==> flow/design.v <==
module mux_mod #(
  parameter integer DATA_WIDTH = 4,
  parameter integer N_IN = 64,
  parameter integer SW = $clog2(N_IN)
) (
  input wire sys_clk,
  input wire enable,
  input wire [N_IN*DATA_WIDTH-1:0] src,
  input wire [SW-1:0] s,
  output wire [DATA_WIDTH-1:0] o
);
  reg [N_IN*DATA_WIDTH-1:0] r_src;
  reg [SW-1:0] r_s;
  always @(posedge sys_clk) begin
    if (enable) begin
      r_src <= src;
      r_s <= s;
    end
  end
  wire [DATA_WIDTH-1:0] lvl [1:2*N_IN-1];
  genvar k;
  generate
    for (k = 0; k < N_IN; k = k + 1) begin : stage
      assign lvl[N_IN+k] = r_src[k*DATA_WIDTH +: DATA_WIDTH];
    end
    for (k = 1; k < N_IN; k = k + 1) begin : g_bit
      sel2 #(.N(DATA_WIDTH)) el (.a(lvl[2*k]), .b(lvl[2*k+1]), .s(r_s[SW - $clog2(k+1)]), .y(lvl[k]));
    end
  endgenerate
  assign o = lvl[1];
endmodule
module sel2 #(parameter N = 1) (
  input wire [N-1:0] a,
  input wire [N-1:0] b,
  input wire s,
  output wire [N-1:0] y
);
  assign y = s ? b : a;
endmodule
# Step by step through the tools: mux_mod
# Tool output for the design above, in the order of the flow.
# Line numbers count from 1 in the design file above.
# Cell names lack the library's common part.
# A cell with - has no value.
# design
top,mux_mod
clock,sys_clk
cell_library,sky130hd
lib_corner,tt_025C_1v80

# Word level
# Source: Yosys, flattened and elaborated. Widths are those after wreduce; folded enables and synchronous resets count as part of the registers. Registers that Yosys merges into a memory's read port (data or address) are not register bits. Print and check cells do not count. Equal cells are merged and count once.
# bits
regBits,262
wordCells,65
output_inout_bits,4
# classes
muxes,63
# op_table
operator,count
4-bit 2-to-1 mux,63

# Longest topological paths
# Longest topological path by Yosys (ltp), each cell counted once; first at word level (registers and memories cut), then after technology mapping (sequential cells cut; the memories' decode and read muxes count).
# depth
ltp_word,6
ABC_AREA,0
mapped_depth,7

# Netlist
# Source: synth_stat.txt of the flow (Yosys; design flattened, memories mapped). It holds for the ABC_AREA given above (unset counts as 0); a run with the other value may have another netlist.
# The area totals of this step are shown rounded.
# synth_totals
yosys_area_um2,10100
mapped_cells,424
ffs,262
seqArea_um2,7870
# by_type
type,count,type_area_um2
edfxtp_1,262,7.87E+03
mux4_2,42,945.907
mux4_1,18,472.954
mux2i_1,10,100.096
mux2_2,8,90.086
o221ai_1,7,61.309
buf_6,5,56.304
o22ai_1,8,50.048
a221oi_1,5,43.792
buf_12,2,40.038
nand2_1,10,37.536
a22o_1,4,35.034
a211oi_1,4,30.029
buf_2,6,30.029
o211ai_1,4,30.029
buf_4,3,22.522
o21ai_1,4,20.019
a31oi_1,3,18.768
# Other cell types: 13; their cells: 19.
# By module: a second synthesis without flattening, with its own total; a netlist apart from the flattened one above.
# unflattened
hier_cells,514
area_unflattened_um2,10700
# Each row is one instance without its submodules.
# by_module
mod,seq_area_um2,cells,area_um2,n_inst
mux_mod,7870,262,7870,1
sel2 #(N=4),0.0,4,45.0,63

# Worst setup path after synthesis
# Source: OpenSTA report_checks on the synthesized netlist (no wires, ideal clock, input and output delay 20% of the period each), path of least setup slack; recovery checks are left aside. Register names are those of the netlist, which keeps one name where synthesis merged equal registers.
# synth_path
path_kind,register to output
startpoint,register r_s[0]
endpoint,output port o[0]
required_time_ps,2032
delay_ps,1628
driving_pins,7
output_delay_ps,508
slack_ps,404
launch_ps,0
t_arrival_ps,1628
period_ps,2540
path_buffers,2
synth_period_reached_ps,2136
# "delay_ps" = arrival - input delay + setup time.
# At an output port there is no setup time.
# "driving_pins": output pins that drive a net of the path, with the launching flip-flop's if there is one; two outputs of one cell count as two.
# "synth_period_reached_ps" = period - worst setup slack (recovery checks aside). The figure is calculated, with input and output delays left at 20% of the set period.
# The rows between start and end are the longest chain of elaborated cells between them; the timing report does not say that the signal goes this way. Where chains are equally long, one stands for them.
# A line is the first line of the expression or statement that the cell stems from. Yosys adds cells for indexed reads and writes and turns some case tables into memories.
# synth_via
cell_sequence,edfxtp_1 > buf_6 > buf_6 > mux4_2 > mux2i_1 > o211ai_1 > a22o_1
elab_chain_len,6
cone_cells,63
cone_classes,mux: 63
# synth_rtl
element,line,source
from (decl),13,reg [SW-1:0] r_s;
from (assign),17,r_s <= s;
4-bit 2-to-1 mux x6,38,assign y = s ? b : a;
to (decl),10,output wire [DATA_WIDTH-1:0] o

# Worst path after layout
# From the final timing report of entry A: the path of least setup slack in the routed layout; clock arrival at registers is part of the times.
# The report prints the path's times to 10 ps; the period is as set.
# layout_path
path_kind,register to output
startpoint,register r_s[0]
endpoint,output port o[3]
output_delay_ps,510
slack_ps,-550
required_time_ps,2030
period_ps,2540
path_buffers,4
driving_pins,9
launch_ps,530
t_arrival_ps,2580
# The rows between start and end are the longest chain of elaborated cells between them; the timing report does not say that the signal goes this way. Where chains are equally long, one stands for them.
# layout_via
cell_sequence,edfxtp_1 > buf_6 > buf_12 > buf_12 > mux4_2 > mux2i_1 > o211ai_1 > a22o_1 > buf_2
elab_chain_len,6
cone_cells,63
cone_classes,mux: 63
# layout_rtl
element,line,source
from (decl),13,reg [SW-1:0] r_s;
from (assign),17,r_s <= s;
4-bit 2-to-1 mux x6,38,assign y = s ? b : a;
to (decl),10,output wire [DATA_WIDTH-1:0] o

# 3 stored runs of mux_mod in the flow (synthesis by Yosys, layout by OpenROAD, sky130hd cells), in arbitrary order. Constraints: input delay and output delay 20% of the set period each, output load 0.01 pF.
# "achieved_period_ps" means the clock period less the worst setup slack. The figure is calculated, with input and output delays left at 20% of the set period.
# "worst_path_allowed_less_slack_ps" means the part of the period allowed to the worst setup path (the constraints hold back 20% at inputs and 20% at outputs) less its slack; where the path has registers, the arrival times of their clocks count too.
# "total_power_w": no workload was simulated; the value follows from the tool's default switching activity.
# "worst_path_allowed_less_slack_ps" is known to 10 ps.
# Measured values are rounded.
# A setting shown as - is not set for that run.
name,entry A,entry B,entry C
period_ns,2.54,1.88,3.6
CAP_MARGIN,20,20,0
CORE_MARGIN,2,2,2
CORE_UTILIZATION,40,47,47
SLEW_MARGIN,20,30,20
PLACE_DENSITY_LB_ADDON,-,0.0,0.28
HOLD_SLACK_MARGIN,-,-0.03,-
CORE_ASPECT_RATIO,-,0.93,-
ABC_AREA,-,0,1
CTS_CLUSTER_DIAMETER,-,237,107
MAX_ROUTING_LAYER,-,met5,-
SETUP_SLACK_MARGIN,-,-,0.57
CELL_PAD_IN_SITES_DETAIL_PLACEMENT,-,-,1
CTS_CLUSTER_SIZE,-,-,33
MIN_ROUTING_LAYER,-,-,met2
ys_area_um2,10100,10100,10600
fin_hold_ws_ps,441,246,757
total_power_w,0.0102,0.0136,0.00663
timing.setup.tns_ps,-2090,-3980,0
layout_utilization_pct,58.8,68.6,68.8
layout_stdcell_area_um2,14700,14400,15100
worst_path_allowed_less_slack_ps,2580,2540,2570
timing.worst_path_kind,register to output,register to output,register to output
timing.setup.ws_ps,-549,-1030,310
achieved_period_ps,3089,2912,3290
dieArea_um2,26400,22600,23800
